==> flow/design.v <==
module core_plus_blk #(
  parameter integer DATA_WIDTH = 48,
  parameter integer EXT = 8
) (
  input  logic clk_i,
  input  logic rst_n,
  input  logic [DATA_WIDTH-1:0] d,
  input  logic init,
  output logic [DATA_WIDTH+EXT-1:0] res
);
  logic [DATA_WIDTH+EXT-1:0] total;
  always_ff @(posedge clk_i or negedge rst_n) begin
    if (~rst_n) begin
      total <= 0;
    end else begin
      total <= init ? 0 : total + d;
    end
  end
  assign res = total;
endmodule
# Reports on core_plus_blk
# Tool output for the design above, in the order of the flow.
# Line numbers count from 1 in the design file above.
# Cell names lack the library's common part.
# The mark -- stands for no value.
dict set report design {
  top_module {core_plus_blk}
  clk_port {clk_i}
  lib {sky130hd}
  lib_corner {tt_025C_1v80}
}

# After elaboration
# Yosys after proc, flatten, opt, wreduce and memory -nomap, before mapping. Enables and synchronous resets that opt folds into registers are not counted as muxes. Memory bits, and registers merged into a memory's read port (data or address), are not among the register bits. Print and check cells are not counted. Equal cells are merged and count once.
dict set report bits {
  latch_bits 0
  ram_bits 0
  memories 0
  rom_bits 0
  inputBits 51
  ff_bits 56
  clocked_rd_ports_x_width 0
}
dict set report op_classes {
  n_cmp 0
  add_sub_neg 1
  div 0
  n_logic 0
  eq_ne 0
  reduce_and_logical 0
  n_mul 0
  muxes 1
  shift 0
}
# op n
set op_table {}
lappend op_table {{adder 56 x 48 -> 56 bit} 1}
lappend op_table {{2-to-1 mux 56 bit} 1}

# Logic depth
# Longest topological path by Yosys (ltp), each cell counted once; first at word level (registers and memories cut), then after technology mapping (sequential cells cut; the memories' decode and read muxes count).
dict set report logic_depth {
  ltp_word 2
  ABC_AREA 0
  mapped_depth 11
  ltp_nobuf 11
}

# After synthesis
# Source: synth_stat.txt of the flow (Yosys; design flattened, memories mapped). It holds for the ABC_AREA given above (unset counts as 0); a run with the other value may have another netlist.
# Totals and module areas in this step are rounded.
dict set report mapped {
  synth_area_um2 4500
  ffs 56
  cell_count 523
}
# type n area_total_um2
set types {}
lappend types {dfrtp_1 56 1.4E+03}
lappend types {ha_1 48 600.576}
lappend types {a21oi_1 55 275.264}
lappend types {nor2_1 66 247.738}
lappend types {xnor2_1 27 236.477}
lappend types {a21o_1 26 195.187}
lappend types {xor2_1 17 148.893}
lappend types {nand2_1 37 138.883}
lappend types {o21ai_0 20 100.096}
lappend types {o21a_1 10 75.072}
lappend types {nand3_1 14 70.067}
lappend types {nand4_1 10 62.56}
lappend types {clkbuf_1 14 52.55}
lappend types {a31oi_1 8 50.048}
lappend types {a221oi_2 3 45.043}
lappend types {o21bai_1 6 45.043}
lappend types {and2_1 7 43.792}
lappend types {and3_1 7 43.792}
# Other cell types: 41; their cells: 92.

# Worst setup path after synthesis
# Path of least setup slack by OpenSTA after synthesis, without wires, with an ideal clock, recovery checks aside; 20% of the period is set as input and as output delay. Where synthesis merged equal registers, the netlist keeps one of their names.
dict set report synth_path {
  kind {input to register}
  start {in d[0]}
  end {reg total[54]}
  n_path_buf 0
  stages 10
  slack_ns 0.611
  setup_time_ns 0.120
  period_ns 3.8
  arrival_ns 3.069
  delay_ns 2.429
  t_first_pin_ns 0.760
  synth_period_reached_ns 3.189
}
# "delay_ns" = arrival - input delay + setup time.
# "stages": output pins that drive a net of the path, with the launching flip-flop's if there is one; two outputs of one cell count as two.
# "synth_period_reached_ns" = period - worst setup slack (recovery checks aside). The figure is calculated, with input and output delays left at 20% of the set period.
# The rows between start and end are the longest chain of elaborated cells between them; the timing report does not say that the signal goes this way. Where chains are equally long, one stands for them.
# A line is the first line of the expression or statement that the cell stems from. Yosys adds cells for indexed reads and writes and turns some case tables into memories.
dict set report synth_via {
  cell_sequence {ha_1 > fa_1 > a21o_1 > a221oi_2 > o211ai_2 > a21oi_2 > o21ai_2 > a2111oi_4 > nor3_1 > a31o_1}
  elab_chain_len 2
  cells_between 2
  classes_between {1 x add/sub; 1 x mux}
}
# item line
set synth_rtl {}
lappend synth_rtl {{from (decl)} 7} ;# input  logic [DATA_WIDTH-1:0] d,
lappend synth_rtl {{adder 56 x 48 -> 56 bit} 16} ;# total <= init ? 0 : total + d;
lappend synth_rtl {{2-to-1 mux 56 bit} 16}
lappend synth_rtl {{to (assign)} 14} ;# total <= 0;
lappend synth_rtl {{to (assign)} 16}
lappend synth_rtl {{to (decl)} 11} ;# logic [DATA_WIDTH+EXT-1:0] total;

# Path in the finished layout
# Path of least setup slack in the final report of entry A (OpenROAD, finished layout, wires in). Where an end is a register, its clock arrival counts in the times.
dict set report layout_path {
  kind {input to register}
  start {in d[0]}
  end {reg total[52]}
  t_first_pin_ns 0.76
  setup_time_ns 0.13
  arrival_ns 3.65
  n_path_buf 1
  period_ns 3.8
  stages 12
  slack_ns 0.32
}
# The rows between start and end are the longest chain of elaborated cells between them; the timing report does not say that the signal goes this way. Where chains are equally long, one stands for them.
dict set report layout_via {
  cell_sequence {clkdlybuf4s50_1 > ha_1 > fa_1 > a21o_1 > a221oi_2 > o211ai_2 > a21oi_2 > o21ai_2 > a2111oi_4 > nor3_1 > xnor2_1 > nor2_1}
  elab_chain_len 2
  cells_between 2
  classes_between {1 x add/sub; 1 x mux}
}
# item line
set layout_rtl {}
lappend layout_rtl {{from (decl)} 7} ;# input  logic [DATA_WIDTH-1:0] d,
lappend layout_rtl {{adder 56 x 48 -> 56 bit} 16} ;# total <= init ? 0 : total + d;
lappend layout_rtl {{2-to-1 mux 56 bit} 16}
lappend layout_rtl {{to (assign)} 14} ;# total <= 0;
lappend layout_rtl {{to (assign)} 16}
lappend layout_rtl {{to (decl)} 11} ;# logic [DATA_WIDTH+EXT-1:0] total;

FLOW RESULTS
============

3 stored runs of core_plus_blk in the flow (synthesis by Yosys, layout by OpenROAD, sky130hd cells), in arbitrary order. Constraints: input delay and output delay 20% of the set period each, output load 0.01 pF.
"timing.achieved_period_ns" means the clock period less the worst setup slack. The figure is calculated, with input and output delays left at 20% of the set period.
By "worst_path_allowed_less_slack_ns" is meant the share of the clock period that the worst setup path is allowed (20% is reserved at inputs, 20% at outputs), minus its slack. Clock arrival times at its registers enter into it.
"total_power_mw" is the tool's figure for a default switching activity; nothing was simulated.
Results are given in rounded form.

# entry A
==> flow/run.sh <==
#!/bin/bash
# the make line also repeats the synthesis and layout settings of config.mk as NAME=value (left out here)
make -C /OpenROAD-flow-scripts/flow DESIGN_CONFIG=/design/flow/config.mk WORK_HOME=/design/flow/orfs CLKGATE_MAP_FILE= finish
==> flow/config.mk <==
export PLATFORM = sky130hd
export DESIGN_NAME = core_plus_blk
export DESIGN_NICKNAME = core_plus_blk
export VERILOG_FILES = /design/flow/design.v
export SDC_FILE = /design/flow/constraint.sdc
export NUM_CORES = 4
export LEC_CHECK = 0
export CAP_MARGIN = 20
export CORE_MARGIN = 2
export CORE_UTILIZATION = 40
export SLEW_MARGIN = 20
==> flow/constraint.sdc <==
create_clock -name core_clock -period 3.8 [get_ports {clk_i}]
set_input_delay 0.7600 -clock core_clock [delete_from_list [all_inputs] [get_ports {clk_i}]]
set_output_delay 0.7600 -clock core_clock [all_outputs]
set_load 0.01 [all_outputs]

==> entry A: results <==
stdcell_area_um2=6100
total_power_mw=5.0
fin_util_pct=55
ys_area_um2=4500
worst_setup_slack_ns=0.32
total_die_area_um2=12000
setupTns_ns=0.000
timing.achieved_period_ns=3.475
worst_path_allowed_less_slack_ns=2.72
worst_path_kind="input to register"

# entry B
==> flow/run.sh <==
#!/bin/bash
# the make line also repeats the synthesis and layout settings of config.mk as NAME=value (left out here)
make -C /OpenROAD-flow-scripts/flow DESIGN_CONFIG=/design/flow/config.mk WORK_HOME=/design/flow/orfs CLKGATE_MAP_FILE= finish
==> flow/config.mk <==
export PLATFORM = sky130hd
export DESIGN_NAME = core_plus_blk
export DESIGN_NICKNAME = core_plus_blk
export VERILOG_FILES = /design/flow/design.v
export SDC_FILE = /design/flow/constraint.sdc
export NUM_CORES = 4
export LEC_CHECK = 0
export CAP_MARGIN = 30
export CELL_PAD_IN_SITES_DETAIL_PLACEMENT = 2
export CORE_ASPECT_RATIO = 0.9
export CORE_MARGIN = 4
export CORE_UTILIZATION = 26
export CTS_CLUSTER_DIAMETER = 87
export GPL_ROUTABILITY_DRIVEN = 1
export PLACE_DENSITY = 0.42
export SLEW_MARGIN = 20
==> flow/constraint.sdc <==
create_clock -name core_clock -period 5.97 [get_ports {clk_i}]
set_input_delay 1.1940 -clock core_clock [delete_from_list [all_inputs] [get_ports {clk_i}]]
set_output_delay 1.1940 -clock core_clock [all_outputs]
set_load 0.01 [all_outputs]

==> entry B: results <==
stdcell_area_um2=6000
total_power_mw=3.3
fin_util_pct=35
ys_area_um2=4500
worst_setup_slack_ns=1.8
total_die_area_um2=20000
setupTns_ns=0.000
timing.achieved_period_ns=4.192
worst_path_allowed_less_slack_ns=3.00
worst_path_kind="input to register"

# entry C
==> flow/run.sh <==
#!/bin/bash
# the make line also repeats the synthesis and layout settings of config.mk as NAME=value (left out here)
make -C /OpenROAD-flow-scripts/flow DESIGN_CONFIG=/design/flow/config.mk WORK_HOME=/design/flow/orfs CLKGATE_MAP_FILE= finish
==> flow/config.mk <==
export PLATFORM = sky130hd
export DESIGN_NAME = core_plus_blk
export DESIGN_NICKNAME = core_plus_blk
export VERILOG_FILES = /design/flow/design.v
export SDC_FILE = /design/flow/constraint.sdc
export NUM_CORES = 4
export LEC_CHECK = 0
export CAP_MARGIN = 15
export CELL_PAD_IN_SITES_DETAIL_PLACEMENT = 1
export CORE_MARGIN = 2
export CORE_UTILIZATION = 57
export CTS_CLUSTER_DIAMETER = 316
export CTS_CLUSTER_SIZE = 34
export GPL_TIMING_DRIVEN = 1
export MAX_ROUTING_LAYER = met4
export SETUP_SLACK_MARGIN = -0.1
export SLEW_MARGIN = 20
export TNS_END_PERCENT = 50
==> flow/constraint.sdc <==
create_clock -name core_clock -period 2.02 [get_ports {clk_i}]
set_input_delay 0.4040 -clock core_clock [delete_from_list [all_inputs] [get_ports {clk_i}]]
set_output_delay 0.4040 -clock core_clock [all_outputs]
set_load 0.01 [all_outputs]

==> entry C: results <==
outcome="no results, placement failed with DPL-0033"
